==> flow/design.v <==
module gen_switch #(
  parameter BITS = 2,
  parameter WAYS = 6
) (
  input  wire aclk,
  input  wire rstn,
  input  wire [WAYS*BITS-1:0] ch_i,
  input  wire [WAYS-1:0] addr_i,
  output wire [BITS-1:0] z_o_o
);
  reg [WAYS*BITS-1:0] ch_reg;
  reg [WAYS-1:0] addr_reg;
  always @(posedge aclk) begin
    if (!rstn) begin
      ch_reg <= 0;
      addr_reg <= 0;
    end else begin
      ch_reg <= ch_i;
      addr_reg <= addr_i;
    end
  end
  reg [BITS-1:0] r;
  integer idx;
  always @(*) begin
    r = 0;
    for (idx = WAYS-1; idx >= 0; idx = idx - 1)
      if (addr_reg[idx]) r = ch_reg[idx*BITS +: BITS];
  end
  assign z_o_o = r;
endmodule
======== From RTL to reports: gen_switch ========
The steps from the RTL of gen_switch to its reports follow in flow order.
Lines are those of the file above, counted from 1.
Operators: Yosys type, input widths -> output width; for muxes data width and select width s.
Library cell names are shortened.
Not given: -
set-up
  top ..................................... gen_switch
  clock input ............................. aclk
  standard-cell library ................... sky130hd
  corner .................................. tt_025C_1v80

======== Word level ========
Source: Yosys, flattened and elaborated, memories not mapped. Widths are those after wreduce; folded enables and synchronous resets count as part of the registers. Registers that Yosys merges into a memory's read port (data or address) are not register bits. Print and check cells do not count. Equal cells are merged and count once.
storage and ports
  register bits after elaboration ......... 18
  bits of input ports ..................... 20
  output and inout bits ................... 2
cells by class
  muxes and demuxes ....................... 6
operator list
  cell    count
  $mux 2  6

======== Depth ========
Depth = most cells in a row (Yosys ltp): at word level without a register or memory, in the mapped netlist without a sequential cell, where the memories' decode and read muxes count.
logic depth
  depth after elaboration ................. 6
  ABC_AREA ................................ 0
  depth in mapped cells ................... 3
  gate-level depth less buffers ........... 3

======== Synthesis result ========
Source: synth_stat.txt of the flow (Yosys; design flattened, memories mapped). It holds for the ABC_AREA given above (unset counts as 0); a run with the other value may have another netlist.
Totals and module areas in this step are rounded.
mapped netlist
  mapped cells ............................ 53
  chip area (Yosys) ....................... 0.000586 mm^2
  area of sequential cells ................ 0.00036 mm^2
  mapped flip-flops ....................... 18
  buffers ................................. 1
cells by type
  cell type  count  area in all (um^2)
  dfxtp_1    18     360.346
  and2_1     18     112.608
  a221oi_1   4      35.034
  nor2b_1    5      31.28
  o221ai_1   2      17.517
  o22ai_1    2      12.512
  inv_1      2      7.507
  clkbuf_2   1      5.005
  nor2_1     1      3.754

======== Path before layout ========
Source: OpenSTA report_checks on the synthesized netlist (no wires, ideal clock, input and output delay 20% of the period each), path of least setup slack; recovery checks are left aside. Register names are those of the netlist, which keeps one name where synthesis merged equal registers.
timing post-synthesis
  path type ............................... register -> output
  start ................................... register addr_reg[2]
  end ..................................... output port z_o_o[0]
  clock period ............................ 1250 ps
  output delay ............................ 250 ps
  data arrival time ....................... 798 ps
  data required time ...................... 1000 ps
  slack ................................... 202 ps
  delay of the path ....................... 798 ps
  stages on the path ...................... 4
  path buffers ............................ 0
  synthesis period reached ................ 1048 ps
"delay of the path" = arrival - input delay + setup time.
A path that ends at an output port has no setup time.
"stages on the path" counts driving pins, that of a launching flip-flop among them; a cell with two outputs on the path counts twice.
"synthesis period reached" = period - worst setup slack (recovery checks aside). The figure is calculated, with input and output delays left at 20% of the set period.
The rows between start and end are the longest chain of elaborated cells between them; the timing report does not say that the signal goes this way. Where chains are equally long, one stands for them.
A line is the first line of the expression or statement that the cell stems from. Yosys adds cells for indexed reads and writes and turns some case tables into memories.
between the ends, post-synthesis
  path through ............................ dfxtp_1 -> nor2b_1 -> a221oi_1 -> o22ai_1
  cells in the longest elaborated chain ... 3
  elaborated cells on any way between the ends .. 3
  those cells by class .................... 3 x mux
ends and longest elaborated chain, post-synthesis
  element        line  text
  from (decl)    12    reg [WAYS-1:0] addr_reg;
  from (assign)  16    addr_reg <= 0;
  from (assign)  19    addr_reg <= addr_i;
  $mux 2 x3      27    if (addr_reg[idx]) r = ch_reg[idx*BITS +: BITS];
  to (decl)      9     output wire [BITS-1:0] z_o_o

======== Path in the finished layout ========
Path of least setup slack in the final report of job 1 (OpenROAD, finished layout, wires in). Where an end is a register, its clock arrival counts in the times.
The report prints the path's times to 10 ps; the period is as set.
timing post-layout
  path type ............................... register -> output
  start ................................... register addr_reg[2]
  end ..................................... output port z_o_o[1]
  clock period ............................ 1200 ps
  output delay ............................ 240 ps
  data arrival time ....................... 1250 ps
  data required time ...................... 960 ps
  slack ................................... -290 ps
  stages on the path ...................... 5
  path buffers ............................ 1
The rows between start and end are the longest chain of elaborated cells between them; the timing report does not say that the signal goes this way. Where chains are equally long, one stands for them.
between the ends, post-layout
  path through ............................ dfxtp_2 -> nor2b_4 -> a221oi_2 -> o22ai_1 -> buf_2
  cells in the longest elaborated chain ... 3
  elaborated cells on any way between the ends .. 3
  those cells by class .................... 3 x mux
ends and longest elaborated chain, post-layout
  element        line  text
  from (decl)    12    reg [WAYS-1:0] addr_reg;
  from (assign)  16    addr_reg <= 0;
  from (assign)  19    addr_reg <= addr_i;
  $mux 2 x3      27    if (addr_reg[idx]) r = ch_reg[idx*BITS +: BITS];
  to (decl)      9     output wire [BITS-1:0] z_o_o

Below are 3 stored runs of the flow (Yosys, OpenROAD; platform sky130hd) on gen_switch, each with its settings and what was measured, unordered. Constraints: input delay and output delay 20% of the set period each, output load 0.01 pF.
"reached clock period" is the run's clock period less its worst setup slack. It is reckoned from that one timing run; input and output delays stay at 20% of the period that was set.
"critical setup path time" is the time allowed to the run's worst setup path (the clock period less input and output delay, where it has them) less its slack. Clock arrival times count: a late capture clock shortens it, a late launch clock lengthens it.
"total power of the final layout" is the tool's figure for a default switching activity; nothing was simulated.
"critical setup path time" is given in steps of 10 ps.
The results are shown rounded.

---- job 1 ----
settings
  period_ns = 1.2
  CORE_UTILIZATION = 41
  PLACE_DENSITY = 0.67
  CTS_CLUSTER_DIAMETER = 286
  SLEW_MARGIN = 20
  MIN_ROUTING_LAYER = met2
  CAP_MARGIN = 20
  CORE_MARGIN = 2
results
  std-cell area (final layout) ............ 0.000916 mm^2
  total power of the final layout ......... 1170 µW
  sum of negative setup slack ............. -548 ps
  reached clock period .................... 1490 ps
  final utilization ....................... 0.695
  overall die area ........................ 0.00175 mm^2
  netlist area reported by Yosys .......... 0.000586 mm^2
  setup slack of the critical path ........ -290 ps
  worst hold slack in the final report .... 501 ps
  critical setup path time ................ 1250 ps
  critical path type ...................... register -> output

---- job 2 ----
settings
  period_ns = 1.25
  CAP_MARGIN = 20
  CORE_MARGIN = 2
  CORE_UTILIZATION = 40
  SLEW_MARGIN = 20
results
  std-cell area (final layout) ............ 0.000901 mm^2
  total power of the final layout ......... 1110 µW
  sum of negative setup slack ............. -419 ps
  reached clock period .................... 1479 ps
  final utilization ....................... 0.675
  overall die area ........................ 0.00179 mm^2
  netlist area reported by Yosys .......... 0.000586 mm^2
  setup slack of the critical path ........ -229 ps
  worst hold slack in the final report .... 519 ps
  critical setup path time ................ 1230 ps
  critical path type ...................... register -> output

---- job 3 ----
settings
  period_ns = 1.06
  CORE_UTILIZATION = 40
  SETUP_SLACK_MARGIN = 0.14
  PLACE_DENSITY = 0.8
  CORE_ASPECT_RATIO = 1.01
  CELL_PAD_IN_SITES_GLOBAL_PLACEMENT = 3
  CELL_PAD_IN_SITES_DETAIL_PLACEMENT = 0
  GPL_ROUTABILITY_DRIVEN = 0
  CAP_MARGIN = 40
  SLEW_MARGIN = 0
  MAX_ROUTING_LAYER = met4
  CORE_MARGIN = 2
results
  no final report: placement broke off with GPL-0301
